==> flow/design.v <==
module sum_block_stage #(
    parameter int DATA_WIDTH = 5
) (
    input logic i_clk,
    input logic rst_ni,
    input logic clk_en,
    input logic [DATA_WIDTH-1:0] A,
    input logic [DATA_WIDTH-1:0] B,
    input logic [DATA_WIDTH-1:0] C,
    output logic [DATA_WIDTH+1:0] s
);
    logic [DATA_WIDTH-1:0] A_q;
    logic [DATA_WIDTH-1:0] B_q;
    logic [DATA_WIDTH-1:0] C_q;
    always_ff @(posedge i_clk or negedge rst_ni) begin
        if (~rst_ni) begin
            A_q <= '0;
            B_q <= '0;
            C_q <= '0;
            s <= '0;
        end else if (clk_en) begin
            A_q <= A;
            B_q <= B;
            C_q <= C;
            s <= A_q + B_q + C_q;
        end
    end
endmodule
### Tool chain data of sum_block_stage

The steps from the RTL of sum_block_stage to its reports follow in flow order.
Lines are those of the file above, counted from 1.
Operators: Yosys type, input widths -> output width; for muxes data width and select width s.
A cell with n/a has no value.

* top module: sum_block_stage
* clock: i_clk
* standard-cell library: sky130hd
* timing corner: tt_025C_1v80

### Word-level counts

Yosys after proc, flatten, opt, wreduce and memory -nomap, before mapping. Enables and synchronous resets that opt folds into registers are not counted as muxes. Memory bits, and registers merged into a memory's read port (data or address), are not among the register bits. Print and check cells are not counted. Equal cells are merged and count once.

* register bits: 22
* input port bits: 18
* word-level cells: 6

* add/subtract/negate cells: 2

Operators by type and width (number)
* $add 6x5->7: 1
* $add 5x5->6: 1

### Logic depth

Depth = most cells in a row (Yosys ltp): at word level without a register or memory, in the mapped netlist without a sequential cell, where the memories' decode and read muxes count.

* word-level depth: 2
* ABC_AREA: 0
* gate-level depth with buffers: 8

### Netlist

Source: synth_stat.txt of the flow (Yosys; design flattened, memories mapped). It holds for the ABC_AREA given above (unset counts as 0); a run with the other value may have another netlist.
The area totals of this step are shown rounded.

Cells by type (number)
* sky130_fd_sc_hd__dfrtp_1: 22
* sky130_fd_sc_hd__mux2_2: 11
* sky130_fd_sc_hd__fa_1: 6
* sky130_fd_sc_hd__ha_1: 4
* sky130_fd_sc_hd__o21ai_0: 8
* sky130_fd_sc_hd__inv_1: 8
* sky130_fd_sc_hd__nand2_1: 8
* sky130_fd_sc_hd__a211oi_1: 3
* sky130_fd_sc_hd__a21oi_1: 3
* sky130_fd_sc_hd__nor2_1: 4
* sky130_fd_sc_hd__buf_6: 1
* sky130_fd_sc_hd__nand3_1: 2
* sky130_fd_sc_hd__nor4b_1: 1
* sky130_fd_sc_hd__o31a_1: 1
* sky130_fd_sc_hd__xnor2_1: 1
* sky130_fd_sc_hd__a21o_1: 1
* sky130_fd_sc_hd__buf_4: 1
* sky130_fd_sc_hd__o211ai_1: 1

Not listed: further types 4, cells in them 4.

* standard cells after synthesis: 90
* cell area after synthesis: 1089 µm²
* flip-flop cells: 22
* buffers: 3

### Timing after synthesis

Source: OpenSTA report_checks on the synthesized netlist (no wires, ideal clock, input and output delay 20% of the period each), path of least setup slack; recovery checks are left aside. Register names are those of the netlist, which keeps one name where synthesis merged equal registers.

* path kind: register to register
* start point: register A_q[1]
* end point: register s[5]
* period: 2.37 ns
* time at the first pin: 0.000 ns
* arrival time: 1.809 ns
* setup slack: 0.474 ns
* delay of the path: 1.896 ns
* stages on the path: 7
* synthesis period reached: 1.896 ns

"delay of the path" is the arrival time less input delay plus setup time.
"stages on the path" counts driving pins, that of a launching flip-flop among them; a cell with two outputs on the path counts twice.
"synthesis period reached" = period - worst setup slack (recovery checks aside). The figure is calculated, with input and output delays left at 20% of the set period.
Between the ends stands the longest chain of elaborated cells between them, by number of cells; it is not shown to be the way that was timed. Of several equally long chains one is given.
A line is the first line of the expression or statement that the cell stems from. Yosys adds cells for indexed reads and writes and turns some case tables into memories.

* cell sequence: sky130_fd_sc_hd__dfrtp_1 sky130_fd_sc_hd__fa_1 sky130_fd_sc_hd__ha_1 sky130_fd_sc_hd__fa_1 sky130_fd_sc_hd__a21oi_1 sky130_fd_sc_hd__nand3_1 sky130_fd_sc_hd__o211ai_1
* cells in the longest elaborated chain: 2
* elaborated cells between the ends (all ways): 2
* source lines of those cells: 1
* those cells by class: add/sub (2)

Ends and longest elaborated chain, after synthesis
* start, declared: line 12 `logic [DATA_WIDTH-1:0] A_q;`
* start, assigned: line 17 `A_q <= '0;`
* start, assigned: line 22 `A_q <= A;`
* $add 5x5->6: line 25 `s <= A_q + B_q + C_q;`
* $add 6x5->7: line 25
* end, assigned: line 20 `s <= '0;`
* end, assigned: line 25
* end, declared: line 10 `output logic [DATA_WIDTH+1:0] s`

### Timing after layout

From the final timing report of flow run 1: the path of least setup slack in the routed layout; clock arrival at registers is part of the times.

* path kind: register to register
* start point: register A_q[1]
* end point: register s[5]
* period: 2.37 ns
* time at the first pin: 0.30 ns
* arrival time: 2.24 ns
* setup slack: 0.36 ns
* stages on the path: 7

Between the ends stands the longest chain of elaborated cells between them, by number of cells; it is not shown to be the way that was timed. Of several equally long chains one is given.

* cell sequence: sky130_fd_sc_hd__dfrtp_1 sky130_fd_sc_hd__fa_1 sky130_fd_sc_hd__ha_1 sky130_fd_sc_hd__fa_1 sky130_fd_sc_hd__a21oi_1 sky130_fd_sc_hd__nand3_1 sky130_fd_sc_hd__o211ai_1
* cells in the longest elaborated chain: 2
* elaborated cells between the ends (all ways): 2
* source lines of those cells: 1
* those cells by class: add/sub (2)

Ends and longest elaborated chain, post-layout
* start, declared: line 12 `logic [DATA_WIDTH-1:0] A_q;`
* start, assigned: line 17 `A_q <= '0;`
* start, assigned: line 22 `A_q <= A;`
* $add 5x5->6: line 25 `s <= A_q + B_q + C_q;`
* $add 6x5->7: line 25
* end, assigned: line 20 `s <= '0;`
* end, assigned: line 25
* end, declared: line 10 `output logic [DATA_WIDTH+1:0] s`

Lab notebook: sum_block_stage

Stored flow runs of sum_block_stage (3 of them; Yosys, OpenROAD, sky130hd). They differ in their settings and are not a sequence. Constraints: input delay and output delay 20% of the set period each, output load 0.01 pF.
"critical setup path time" means the part of the period allowed to the worst setup path (the constraints hold back 20% at inputs and 20% at outputs) less its slack; where the path has registers, the arrival times of their clocks count too.
The measured numbers are rounded.

### Flow run 1

Settings: `period_ns=2.37`, `CAP_MARGIN=20`, `CORE_MARGIN=2`, `CORE_UTILIZATION=40`, `SLEW_MARGIN=20`

- Standard-cell area after layout: 1410 µm²
- Full die area: 3155 µm²
- Critical setup path time: 2.01 ns
- Worst path kind: register to register
- Final design utilization: 55.9 %
- Chip area after synthesis (Yosys): 1089 µm²
- Worst setup slack after layout: 0.364 ns

### Flow run 2

Settings: `period_ns=1.49`, `CORE_UTILIZATION=45`, `SETUP_SLACK_MARGIN=0.3`, `PLACE_DENSITY=0.75`, `CORE_ASPECT_RATIO=1.96`, `CELL_PAD_IN_SITES_DETAIL_PLACEMENT=2`, `ABC_AREA=0`, `CTS_CLUSTER_DIAMETER=204`, `CAP_MARGIN=20`, `CORE_MARGIN=2`, `SLEW_MARGIN=20`

Unfinished; error DPL-0033 in clock tree synthesis.

### Flow run 3

Settings: `period_ns=1.24`, `CORE_UTILIZATION=32`, `SETUP_SLACK_MARGIN=0.35`, `CELL_PAD_IN_SITES_GLOBAL_PLACEMENT=1`, `ABC_AREA=0`, `GPL_ROUTABILITY_DRIVEN=0`, `CTS_CLUSTER_SIZE=60`, `CAP_MARGIN=10`, `MIN_ROUTING_LAYER=met1`, `CORE_MARGIN=2`, `SLEW_MARGIN=20`

- Full die area: 3884 µm²
- Chip area after synthesis (Yosys): 1089 µm²
- Final design utilization: 47.5 %
- Critical setup path time: 1.94 ns
- Worst path kind: register to register
- Worst setup slack after layout: -0.698 ns
- Standard-cell area after layout: 1572 µm²
